==> flow/design.v <==
module my_switch_n #(
    parameter WD = 20,
    parameter N = 6,
    parameter SEL_W = $clog2(N)
) (
    input  ck,
    input  srst,
    input  [N*WD-1:0] val,
    input  [SEL_W-1:0] idx,
    output [WD-1:0] dout
);
    reg [N*WD-1:0] val_r;
    reg [SEL_W-1:0] idx_r;
    wire [WD-1:0] vec [0:N-1];
    genvar k;
    generate
        for (k = 0; k < N; k = k + 1) begin : u_g
            assign vec[k] = val_r[k*WD +: WD];
        end
    endgenerate
    assign dout = vec[idx_r];
    always @(posedge ck or posedge srst) begin
        if (srst) begin
            val_r <= 0;
            idx_r <= 0;
        end else begin
            val_r <= val;
            idx_r <= idx;
        end
    end
endmodule
## Step by step through the tools: my_switch_n

The steps from the RTL of my_switch_n to its reports follow in flow order.
Lines are those of the file above, counted from 1.
Cell names lack the library's common part.
Not given: -

| design | value |
|---|---|
| design top | my_switch_n |
| clock input | ck |
| library | sky130hd |
| timing corner | tt_025C_1v80 |

## Word level

Counts by Yosys on the flattened word-level netlist (proc, flatten, opt, wreduce). Print and check cells are left out. Cells with the same type and inputs are merged into one.

| word-level totals | value |
|---|---|
| bits of input ports | 125 |
| bits in registers | 123 |

| operators by class | value |
|---|---|
| muxes and demuxes | 1 |
| equal/unequal tests | 5 |
| reduce/logical cells | 1 |

Operator list:

| kind | count |
|---|---|
| 20-bit case mux with 6-bit select | 1 |
| 3-bit by 2-bit equality test with 1-bit output (second input constant) | 2 |
| 3-bit equality test (second input constant) | 2 |
| 3-bit by 1-bit equality test with 1-bit output (second input constant) | 1 |
| 3-bit zero test | 1 |

## Logic depth

Depth = most cells in a row (Yosys ltp): at word level without a register or memory, in the mapped netlist without a sequential cell, where the memories' decode and read muxes count.

| depth | value |
|---|---|
| word-level depth | 2 |
| ABC_AREA | 0 |
| depth in mapped cells | 7 |
| mapped depth without buffers | 4 |

## Synthesis result

The flow's flattened synthesis, as Yosys stat reports it; memories are mapped. The netlist is that of the ABC_AREA named above (0 if unset); the other value can give another one.

| mapped netlist | value |
|---|---|
| mapped area | 0.0042628 mm2 |
| buffer cells | 21 |
| flip-flops | 123 |
| area of sequential cells | 0.003078 mm2 |
| standard cells after synthesis | 296 |

Cell types:

| cell | count |
|---|---|
| dfrtp_1 | 123 |
| a222oi_1 | 13 |
| nand2b_1 | 16 |
| a21o_1 | 13 |
| a22oi_1 | 13 |
| o21a_1 | 13 |
| o21ai_1 | 13 |
| mux2i_1 | 5 |
| buf_2 | 9 |
| buf_6 | 4 |
| nor2b_1 | 6 |
| a21oi_1 | 7 |
| mux2_2 | 3 |
| a211o_1 | 3 |
| a22o_1 | 3 |
| o32ai_1 | 3 |
| nor3_1 | 5 |
| clkbuf_1 | 6 |

Other cell types: 17; their cells: 38.

## Path before layout

OpenSTA on the mapped netlist: ideal clock, no wires. The path of least setup slack (recovery checks aside). Input and output delay are each 20% of the period. Register names are those of the netlist, which keeps one name where synthesis merged equal registers.

| timing post-synthesis | value |
|---|---|
| kind | reg-to-output |
| from | register idx_r[2] |
| to | output dout[4] |
| setup slack | 0.323 ns |
| stages on the path | 6 |
| delay of the path | 1.301 ns |
| arrival | 1.301 ns |
| external output delay | 0.406 ns |
| period | 2.03 ns |
| path buffers | 2 |
| synthesis period reached | 1.707 ns |

"delay of the path" = arrival - input delay + setup time.
At an output port there is no setup time.
"stages on the path" counts driving pins, that of a launching flip-flop among them; a cell with two outputs on the path counts twice.
"synthesis period reached" is the clock period less the worst setup slack; recovery checks do not enter. This is arithmetic on one report: input and output delays are still those of the set period (20% each).
The rows between start and end are the longest chain of elaborated cells between them; the timing report does not say that the signal goes this way. Where chains are equally long, one stands for them.
A line is the first line of the expression or statement that the cell stems from. Yosys adds cells for indexed reads and writes and turns some case tables into memories.

| between the ends, post-synthesis | value |
|---|---|
| cell sequence | dfrtp_1 -> buf_6 -> buf_6 -> or4b_1 -> o2111ai_1 -> nor2_1 |
| cells in the longest elaborated chain | 2 |
| elaborated cells between the ends (all ways) | 7 |
| RTL lines with such cells | 1 |
| those cells by class | 5 x eq/ne; 1 x mux; 1 x reduce/logical |

RTL lines, path post-synthesis:

| item | line | text |
|---|---|---|
| start, declared | 13 | `reg [SEL_W-1:0] idx_r;` |
| start, assigned | 25 | `idx_r <= 0;` |
| start, assigned | 28 | `idx_r <= idx;` |
| 3-bit equality test | 21 | `assign dout = vec[idx_r];` |
| 20-bit case mux with 6-bit select | 21 |  |
| end, declared | 10 | `output [WD-1:0] dout` |

## Timing after layout

From the final timing report of job 1: the path of least setup slack in the routed layout; clock arrival at registers is part of the times.

| timing post-layout | value |
|---|---|
| kind | reg-to-output |
| from | register idx_r[2] |
| to | output dout[5] |
| arrival | 2.17 ns |
| external output delay | 0.56 ns |
| setup slack | 0.08 ns |
| stages on the path | 8 |
| period | 2.81 ns |
| path buffers | 3 |

The rows between start and end are the longest chain of elaborated cells between them; the timing report does not say that the signal goes this way. Where chains are equally long, one stands for them.

| between the ends, post-layout | value |
|---|---|
| cell sequence | dfrtp_2 -> buf_4 -> clkbuf_16 -> nand2b_1 -> a222oi_1 -> o21ai_1 -> o21a_1 -> dlygate4sd2_1 |
| cells in the longest elaborated chain | 2 |
| elaborated cells between the ends (all ways) | 7 |
| RTL lines with such cells | 1 |
| those cells by class | 5 x eq/ne; 1 x mux; 1 x reduce/logical |

RTL lines, path post-layout:

| item | line | text |
|---|---|---|
| start, declared | 13 | `reg [SEL_W-1:0] idx_r;` |
| start, assigned | 25 | `idx_r <= 0;` |
| start, assigned | 28 | `idx_r <= idx;` |
| 3-bit equality test | 21 | `assign dout = vec[idx_r];` |
| 20-bit case mux with 6-bit select | 21 |  |
| end, declared | 10 | `output [WD-1:0] dout` |

## Implementation results

3 stored runs of my_switch_n in the flow (synthesis by Yosys, layout by OpenROAD, sky130hd cells), in arbitrary order. Constraints: input delay and output delay 20% of the set period each, output load 0.01 pF.
"period achieved": clock period set for the run, less the worst setup slack. It is reckoned from that one timing run; input and output delays stay at 20% of the period that was set.
"critical path time" is the time allowed to the run's worst setup path (the clock period less input and output delay, where it has them) less its slack. Clock arrival times count: a late capture clock shortens it, a late launch clock lengthens it.
"overall power" is the tool's figure for a default switching activity; nothing was simulated.

#### Job 1

| setting | value |
|---|---|
| period_ns | `2.81` |
| CORE_UTILIZATION | `24` |
| PLACE_DENSITY | `0.93` |
| CORE_ASPECT_RATIO | `1.83` |
| CORE_MARGIN | `5` |
| GPL_TIMING_DRIVEN | `1` |
| SLEW_MARGIN | `35` |
| CAP_MARGIN | `20` |

| result | value |
|---|---|
| overall power | 0.004592 W |
| total negative slack | 0.000 ns |
| die footprint | 0.0206503 mm2 |
| standard-cell area of the final layout | 0.0069029 mm2 |
| critical path time | 2.17 ns |
| critical path type | reg-to-output |
| utilization in the final report | 0.391 |
| area of the synthesized netlist | 0.0042628 mm2 |
| lowest setup slack | 0.078 ns |
| period achieved | 2.732 ns |

#### Job 2

| setting | value |
|---|---|
| period_ns | `2.03` |
| CAP_MARGIN | `20` |
| CORE_MARGIN | `2` |
| CORE_UTILIZATION | `40` |
| SLEW_MARGIN | `20` |

| result | value |
|---|---|
| lowest setup slack | -0.434 ns |
| period achieved | 2.464 ns |
| total negative slack | -6.897 ns |
| overall power | 0.006494 W |
| area of the synthesized netlist | 0.0042628 mm2 |
| utilization in the final report | 0.665 |
| critical path time | 2.06 ns |
| critical path type | reg-to-output |
| die footprint | 0.0114993 mm2 |
| standard-cell area of the final layout | 0.0068678 mm2 |

#### Job 3

| setting | value |
|---|---|
| period_ns | `2.02` |
| CORE_UTILIZATION | `44` |
| PLACE_DENSITY | `0.68` |
| CORE_MARGIN | `6` |
| CELL_PAD_IN_SITES_GLOBAL_PLACEMENT | `1` |
| CTS_CLUSTER_SIZE | `45` |
| CAP_MARGIN | `20` |
| SLEW_MARGIN | `20` |

| result | value |
|---|---|
| standard-cell area of the final layout | 0.0068453 mm2 |
| total negative slack | -7.416 ns |
| die footprint | 0.0121948 mm2 |
| lowest setup slack | -0.403 ns |
| critical path time | 2.02 ns |
| critical path type | reg-to-output |
| area of the synthesized netlist | 0.0042628 mm2 |
| period achieved | 2.423 ns |
| overall power | 0.006051 W |
| utilization in the final report | 0.734 |
